==> flow/design.v <==
module my_diff_unit_rtl #(
  parameter integer W = 6
) (
  input  logic CLK,
  input  logic clr,
  input  logic en,
  input  logic [W-1:0] arg0_i,
  input  logic [W-1:0] arg1_i,
  input  logic dir_i,
  output logic [W-1:0] delta_o
);
  logic [W-1:0] arg0_s;
  logic [W-1:0] arg1_s;
  logic dir_s;
  always_ff @(posedge CLK) begin
    if (clr) begin
      arg0_s <= 0;
      arg1_s <= 0;
      dir_s <= 1'b0;
    end else if (en) begin
      arg0_s <= arg0_i;
      arg1_s <= arg1_i;
      dir_s <= dir_i;
    end
  end
  logic [W-1:0] t;
  always_comb begin
    if (dir_s)
      t = arg0_s - arg1_s;
    else
      t = arg0_s + arg1_s;
  end
  always_ff @(posedge CLK) begin
    if (clr) begin
      delta_o <= 0;
    end else if (en) begin
      delta_o <= t;
    end
  end
endmodule
-- Step by step through the tools: my_diff_unit_rtl
What the tools print for my_diff_unit_rtl, step after step.
Line numbers count from 1 in the design file above.
The mark -- stands for no value.
- top: my_diff_unit_rtl
- clock: CLK
- standard-cell library: sky130hd
- corner: tt_025C_1v80

-- Word level
Yosys after proc, flatten, opt, wreduce and memory -nomap, before mapping. Enables and synchronous resets that opt folds into registers are not counted as muxes. Memory bits, and registers merged into a memory's read port (data or address), are not among the register bits. Print and check cells are not counted. Equal cells are merged and count once.
- mux-type cells: 1
- $add $sub $neg: 2
- div/mod/pow operators at 0
- noted equality and inequality tests: 0
- bitwise logic cells at 0
- $lt $le $gt $ge at 0
- noted $mul: 0
- shift operators at 0
- reduce/logical cells: 0
- operators with widths (cell ; number):
    adder 6 bit ; 1
    subtractor 6 bit ; 1
    two-way mux 6 bit ; 1
- bits in read-only memories: 0
- noted memory cells: 0
- noted output and inout bits: 6
- bits in latches: 0
- bits of input ports: 16
- clocked read ports x word width: 0
- register bits at 19
- bits in writable memories: 0

-- Longest topological paths
Yosys ltp: most cells in a row. Word level: on the elaborated netlist, between registers, memories and ports. Mapped: between sequential cells and ports; inverters and the memories' decode and read muxes count.
- depth in word-level cells: 2
- noted ABC_AREA: 0
- noted mapped depth: 9

-- Synthesis result
Yosys stat after the flow's synthesis: flattened, memories mapped to cells. It holds for the ABC_AREA given above (unset counts as 0); a run with the other value may have another netlist.
The area totals of this step are shown rounded.
- flip-flop cells: 19
- standard cells after synthesis: 104
- synthesis area at 0.001 mm²
- cell types (type ; number ; total area (µm²)):
    sky130_fd_sc_hd__dfxtp_1 ; 19 ; 380.365
    sky130_fd_sc_hd__mux2i_1 ; 15 ; 150.144
    sky130_fd_sc_hd__ha_1 ; 6 ; 75.072
    sky130_fd_sc_hd__nor2_1 ; 18 ; 67.565
    sky130_fd_sc_hd__xnor2_1 ; 3 ; 26.275
    sky130_fd_sc_hd__xor2_1 ; 3 ; 26.275
    sky130_fd_sc_hd__a211oi_1 ; 3 ; 22.522
    sky130_fd_sc_hd__fa_1 ; 1 ; 20.019
    sky130_fd_sc_hd__inv_1 ; 5 ; 18.768
    sky130_fd_sc_hd__nand2b_1 ; 3 ; 18.768
    sky130_fd_sc_hd__o2111ai_1 ; 2 ; 17.517
    sky130_fd_sc_hd__a21o_1 ; 2 ; 15.014
    sky130_fd_sc_hd__a21oi_1 ; 3 ; 15.014
    sky130_fd_sc_hd__o21a_1 ; 2 ; 15.014
    sky130_fd_sc_hd__o211ai_2 ; 1 ; 12.512
    sky130_fd_sc_hd__buf_1 ; 3 ; 11.261
    sky130_fd_sc_hd__o41a_1 ; 1 ; 11.261
    sky130_fd_sc_hd__or3_4 ; 1 ; 11.261
Not listed: further types 12, cells in them 13.

-- Path before layout
Path of least setup slack by OpenSTA after synthesis, without wires, with an ideal clock, recovery checks aside; 20% of the period is set as input and as output delay. Where synthesis merged equal registers, the netlist keeps one of their names.
- path kind: register to register
- from: register arg1_s[0]
- to: register delta_o[3]
- noted clock period: 2.33 ns
- data arrival time at 1.773 ns
- noted slack: 0.465 ns
- noted setup time: 0.092 ns
- delay of the path: 1.865 ns
- noted driving pins on the path: 9
- data required time at 2.238 ns
- synthesis period reached at 1.865 ns
"delay of the path" is the arrival time less input delay plus setup time.
"driving pins on the path" counts driving pins, that of a launching flip-flop among them; a cell with two outputs on the path counts twice.
"synthesis period reached" = period - worst setup slack (recovery checks aside). The figure is calculated, with input and output delays left at 20% of the set period.
Between the ends stands the longest chain of elaborated cells between them, by number of cells; it is not shown to be the way that was timed. Of several equally long chains one is given.
Each line given opens the expression or statement behind the cell; cells for indexed reads and writes are added by Yosys, which also makes memories of some case tables.
- cell sequence: sky130_fd_sc_hd__dfxtp_1 > sky130_fd_sc_hd__inv_1 > sky130_fd_sc_hd__ha_1 > sky130_fd_sc_hd__mux2i_1 > sky130_fd_sc_hd__ha_1 > sky130_fd_sc_hd__nor2b_1 > sky130_fd_sc_hd__o21a_1 > sky130_fd_sc_hd__o21a_1 > sky130_fd_sc_hd__o32ai_1
- length of the longest elaborated chain at 2
- RTL lines, path post-synthesis (what ; RTL line ; RTL):
    from (decl) ; 13 ; logic [W-1:0] arg1_s;
    from (assign) ; 18 ; arg1_s <= 0;
    from (assign) ; 22 ; arg1_s <= arg1_i;
    adder 6 bit ; 31 ; t = arg0_s + arg1_s;
    two-way mux 6 bit ; 28 ; if (dir_s)
    to (assign) ; 35 ; delta_o <= 0;
    to (assign) ; 37 ; delta_o <= t;
    to (decl) ; 10 ; output logic [W-1:0] delta_o

-- Path in the finished layout
From the final timing report of run 1: the path of least setup slack in the routed layout; clock arrival at registers is part of the times.
- path kind: register to register
- from: register arg1_s[1]
- to: register delta_o[4]
- noted driving pins on the path: 9
- noted slack: 0.27 ns
- data arrival time at 2.25 ns
- noted clock period: 2.33 ns
- noted setup time: 0.10 ns
- data required time at 2.52 ns
Between the ends stands the longest chain of elaborated cells between them, by number of cells; it is not shown to be the way that was timed. Of several equally long chains one is given.
- cell sequence: sky130_fd_sc_hd__dfxtp_1 > sky130_fd_sc_hd__inv_1 > sky130_fd_sc_hd__ha_1 > sky130_fd_sc_hd__mux2i_1 > sky130_fd_sc_hd__fa_1 > sky130_fd_sc_hd__a21o_1 > sky130_fd_sc_hd__a21oi_1 > sky130_fd_sc_hd__xor2_1 > sky130_fd_sc_hd__o22ai_1
- length of the longest elaborated chain at 2
- RTL lines, path after layout (what ; RTL line ; RTL):
    from (decl) ; 13 ; logic [W-1:0] arg1_s;
    from (assign) ; 18 ; arg1_s <= 0;
    from (assign) ; 22 ; arg1_s <= arg1_i;
    adder 6 bit ; 31 ; t = arg0_s + arg1_s;
    two-way mux 6 bit ; 28 ; if (dir_s)
    to (assign) ; 35 ; delta_o <= 0;
    to (assign) ; 37 ; delta_o <= t;
    to (decl) ; 10 ; output logic [W-1:0] delta_o

Record of 3 stored runs of the RTL-to-layout flow on my_diff_unit_rtl, platform sky130hd. The runs are unordered. Constraints: input delay and output delay 20% of the set period each, output load 0.01 pF.
By "period reached" is meant the clock period of the run minus its worst setup slack. This is arithmetic on one report: input and output delays are still those of the set period (20% each).
"critical path time" means the part of the period allowed to the worst setup path (the constraints hold back 20% at inputs and 20% at outputs) less its slack; where the path has registers, the arrival times of their clocks count too.
"total power after layout" is the tool's figure for a default switching activity; nothing was simulated.
Measured values are rounded.

Run 1
Settings were period_ns = 2.33; CAP_MARGIN = 20; CORE_MARGIN = 2; CORE_UTILIZATION = 40; SLEW_MARGIN = 20
- noted the setup total negative slack: 0.000 ns
- noted the total power after layout: 0.000779 W
- smallest setup slack: 0.267 ns
- worst hold slack in the final report at 0.490 ns
- utilization in the final report at 53.2%
- noted the standard-cell area of the final layout: 0.00129 mm²
- noted the period reached: 2.063 ns
- area of the die: 0.00292 mm²
- noted the critical path time: 2.06 ns
- worst setup path type: register to register
- noted the area of the synthesized netlist: 0.001 mm²

Run 2
Settings were period_ns = 2.35; CORE_UTILIZATION = 55; PLACE_DENSITY = 0.93; CORE_MARGIN = 9; CELL_PAD_IN_SITES_GLOBAL_PLACEMENT = 2; TNS_END_PERCENT = 75; GPL_ROUTABILITY_DRIVEN = 0; SLEW_MARGIN = 20; CAP_MARGIN = 20
- did not finish, placement stopped with GPL-0301

Run 3
Settings were period_ns = 1.62; CORE_UTILIZATION = 53; HOLD_SLACK_MARGIN = 0.25; CORE_ASPECT_RATIO = 1.11; CELL_PAD_IN_SITES_DETAIL_PLACEMENT = 1; GPL_ROUTABILITY_DRIVEN = 1; CTS_CLUSTER_SIZE = 72; MAX_ROUTING_LAYER = met4; CAP_MARGIN = 20; CORE_MARGIN = 2; SLEW_MARGIN = 20
- did not finish, placement stopped with DPL-0033
